==> flow/design.v <==
module sync_as_core_n #(
  parameter int WIDTH = 10
) (
  input  logic aclk,
  input  logic adv,
  input  logic [WIDTH-1:0] in0,
  input  logic [WIDTH-1:0] in1,
  output logic [WIDTH:0] res,
  output logic [WIDTH:0] result
);
  logic [WIDTH-1:0] in0_ff;
  logic [WIDTH-1:0] in1_ff;
  always_ff @(posedge aclk) begin
    if (adv) begin
      in0_ff <= in0;
      in1_ff <= in1;
      res <= in0_ff + in1_ff;
      result <= in0_ff - in1_ff;
    end
  end
endmodule
Tool chain data of sync_as_core_n
What the tools print for sync_as_core_n, step after step.
Line numbers count from 1 in the design file above.
Operators: Yosys type, input widths -> output width; for muxes data width and select width s.
{ "inputs": {"top": "sync_as_core_n", "clock_port": "aclk", "lib": "sky130hd", "corner": "tt_025C_1v80"} }

After elaboration
Yosys after proc, flatten, opt, wreduce and memory -nomap, before mapping. Enables and synchronous resets that opt folds into registers are not counted as muxes. Memory bits, and registers merged into a memory's read port (data or address), are not among the register bits. Print and check cells are not counted. Equal cells are merged and count once.
{ "bits": {"elab_cells": 6, "out_inout_bits": 22, "ff_bits": 42, "inputBits": 22} }
{ "classes": {"n_addsub": 2} }
{ "ops": {"columns": ["op", "count"], "rows": [
  ["$add 10x10->11", 1],
  ["$sub 10x10->11", 1]
]} }

Depth
Yosys ltp: most cells in a row. Word level: on the elaborated netlist, between registers, memories and ports. Mapped: between sequential cells and ports; inverters and the memories' decode and read muxes count.
{ "logic_depth": {"depth_word": 1, "ABC_AREA": 0, "depth_mapped": 9, "ltp_nobuf": 9} }

Netlist
Source: synth_stat.txt of the flow (Yosys; design flattened, memories mapped). It holds for the ABC_AREA given above (unset counts as 0); a run with the other value may have another netlist.
{ "by_type": {"columns": ["type", "count", "type_area_um2"], "rows": [
  ["sky130_fd_sc_hd__edfxtp_1", 41, 1.23E+03],
  ["sky130_fd_sc_hd__ha_1", 20, 250.24],
  ["sky130_fd_sc_hd__inv_1", 23, 86.333],
  ["sky130_fd_sc_hd__a21oi_1", 15, 75.072],
  ["sky130_fd_sc_hd__xor2_1", 8, 70.067],
  ["sky130_fd_sc_hd__xnor2_1", 7, 61.309],
  ["sky130_fd_sc_hd__nor2_1", 16, 60.058],
  ["sky130_fd_sc_hd__fa_1", 2, 40.038],
  ["sky130_fd_sc_hd__a211oi_2", 2, 25.024],
  ["sky130_fd_sc_hd__o21bai_1", 3, 22.522],
  ["sky130_fd_sc_hd__buf_2", 4, 20.019],
  ["sky130_fd_sc_hd__a211oi_1", 2, 15.014],
  ["sky130_fd_sc_hd__buf_4", 2, 15.014],
  ["sky130_fd_sc_hd__nand2_1", 4, 15.014],
  ["sky130_fd_sc_hd__o31ai_1", 2, 15.014],
  ["sky130_fd_sc_hd__nor2b_1", 2, 12.512],
  ["sky130_fd_sc_hd__o211ai_2", 1, 12.512],
  ["sky130_fd_sc_hd__o41a_2", 1, 12.512]
]} }
Not listed: further types 17, cells in them 19.
{ "mapped": {"seq_area_um2": 1231.2, "ffs": 41, "area_um2": 2167.1, "buffers": 7, "stdcells": 174} }

Timing after synthesis
OpenSTA on the mapped netlist: ideal clock, no wires. The path of least setup slack (recovery checks aside). Input and output delay are each 20% of the period. Register names are those of the netlist, which keeps one name where synthesis merged equal registers.
{ "synth_path": {"path_type": "reg2reg", "start": "register in0_ff[0]", "end": "register result[8]", "setup_ps": 258, "path_delay_ps": 2002, "required_time_ps": 2242, "driving_pins": 10, "t_first_pin_ps": 0, "tclk_ps": 2500, "arrival_ps": 1744, "path_buffers": 0, "path_slack_ps": 498, "synth_period_reached_ps": 2002} }
"path_delay_ps" is the arrival time less input delay plus setup time.
"driving_pins" counts driving pins, that of a launching flip-flop among them; a cell with two outputs on the path counts twice.
"synth_period_reached_ps" is the clock period less the worst setup slack; recovery checks do not enter. This is arithmetic on one report: input and output delays are still those of the set period (20% each).
The rows between start and end are the longest chain of elaborated cells between them; the timing report does not say that the signal goes this way. Where chains are equally long, one stands for them.
Each line given opens the expression or statement behind the cell; cells for indexed reads and writes are added by Yosys, which also makes memories of some case tables.
{ "synth_via": {"path_cell_list": "sky130_fd_sc_hd__edfxtp_1 sky130_fd_sc_hd__inv_1 sky130_fd_sc_hd__ha_1 sky130_fd_sc_hd__inv_1 sky130_fd_sc_hd__fa_1 sky130_fd_sc_hd__a21oi_1 sky130_fd_sc_hd__nor2_1 sky130_fd_sc_hd__a211oi_2 sky130_fd_sc_hd__a21oi_1 sky130_fd_sc_hd__xnor2_1", "elab_chain_len": 1, "cone_cells": 1, "cone_lines": 1, "cone_classes": "add/sub: 1"} }
{ "synth_lines": {"columns": ["item", "line", "source"], "rows": [
  ["start, declared", 11, "logic [WIDTH-1:0] in0_ff;"],
  ["start, assigned", 15, "in0_ff <= in0;"],
  ["$sub 10x10->11", 18, "result <= in0_ff - in1_ff;"],
  ["end, assigned", 18, null],
  ["end, declared", 9, "output logic [WIDTH:0] result"]
]} }

Path in the finished layout
Path of least setup slack in the final report of run A (OpenROAD, finished layout, wires in). Where an end is a register, its clock arrival counts in the times.
The report prints the path's times to 10 ps; the period is as set.
{ "layout_path": {"path_type": "reg2reg", "start": "register in0_ff[0]", "end": "register result[8]", "arrival_ps": 2200, "tclk_ps": 2500, "setup_ps": 240, "t_first_pin_ps": 300, "required_time_ps": 2550, "driving_pins": 10, "path_slack_ps": 350, "path_buffers": 0} }
The rows between start and end are the longest chain of elaborated cells between them; the timing report does not say that the signal goes this way. Where chains are equally long, one stands for them.
{ "layout_via": {"path_cell_list": "sky130_fd_sc_hd__edfxtp_1 sky130_fd_sc_hd__inv_1 sky130_fd_sc_hd__ha_1 sky130_fd_sc_hd__inv_1 sky130_fd_sc_hd__fa_1 sky130_fd_sc_hd__a21oi_1 sky130_fd_sc_hd__nor2_1 sky130_fd_sc_hd__a211oi_2 sky130_fd_sc_hd__a21oi_1 sky130_fd_sc_hd__xnor2_1", "elab_chain_len": 1, "cone_cells": 1, "cone_lines": 1, "cone_classes": "add/sub: 1"} }
{ "layout_lines": {"columns": ["item", "line", "source"], "rows": [
  ["start, declared", 11, "logic [WIDTH-1:0] in0_ff;"],
  ["start, assigned", 15, "in0_ff <= in0;"],
  ["$sub 10x10->11", 18, "result <= in0_ff - in1_ff;"],
  ["end, assigned", 18, null],
  ["end, declared", 9, "output logic [WIDTH:0] result"]
]} }

Memo
Re: implementation data of sync_as_core_n

Design sync_as_core_n on sky130hd. What follows are 3 stored runs of the flow, each under its own settings; their order means nothing. The constraints put input and output delay at 20% of the set period each and load the outputs with 0.01 pF.
"achievedPeriod_ps" means the clock period less the worst setup slack. The figure is calculated, with input and output delays left at 20% of the set period.
[
  {
    "run": "run A",
    "settings": { "period_ns": 2.5, "CAP_MARGIN": 20, "CORE_MARGIN": 2, "CORE_UTILIZATION": 40, "SLEW_MARGIN": 20 },
    "results": { "post_synth_area_um2": 2167.1, "die_footprint_um2": 6022.5, "post_route_stdcell_area_um2": 2716.4, "worst_hold_slack_ps": 695, "setup_ws_ps": 348, "achievedPeriod_ps": 2152 }
  },
  {
    "run": "run B",
    "settings": { "period_ns": 2.25, "CORE_UTILIZATION": 64, "SETUP_SLACK_MARGIN": 0.54, "PLACE_DENSITY_LB_ADDON": 0.09, "CELL_PAD_IN_SITES_DETAIL_PLACEMENT": 2, "CTS_CLUSTER_SIZE": 24, "CAP_MARGIN": 25, "CORE_MARGIN": 2, "SLEW_MARGIN": 20 },
    "outcome": "no results, placement failed with a tool error"
  },
  {
    "run": "run C",
    "settings": { "period_ns": 1.24, "CORE_UTILIZATION": 32, "SETUP_SLACK_MARGIN": -0.0, "PLACE_DENSITY_LB_ADDON": 0.26, "CORE_ASPECT_RATIO": 0.75, "TNS_END_PERCENT": 35, "GPL_TIMING_DRIVEN": 0, "CTS_CLUSTER_SIZE": 43, "MIN_ROUTING_LAYER": "met1", "MAX_ROUTING_LAYER": "met5", "CAP_MARGIN": 20, "CORE_MARGIN": 2, "SLEW_MARGIN": 20 },
    "results": { "post_synth_area_um2": 2167.1, "die_footprint_um2": 7453.1, "post_route_stdcell_area_um2": 3056.7, "worst_hold_slack_ps": 444, "setup_ws_ps": -817, "achievedPeriod_ps": 2057 }
  }
]
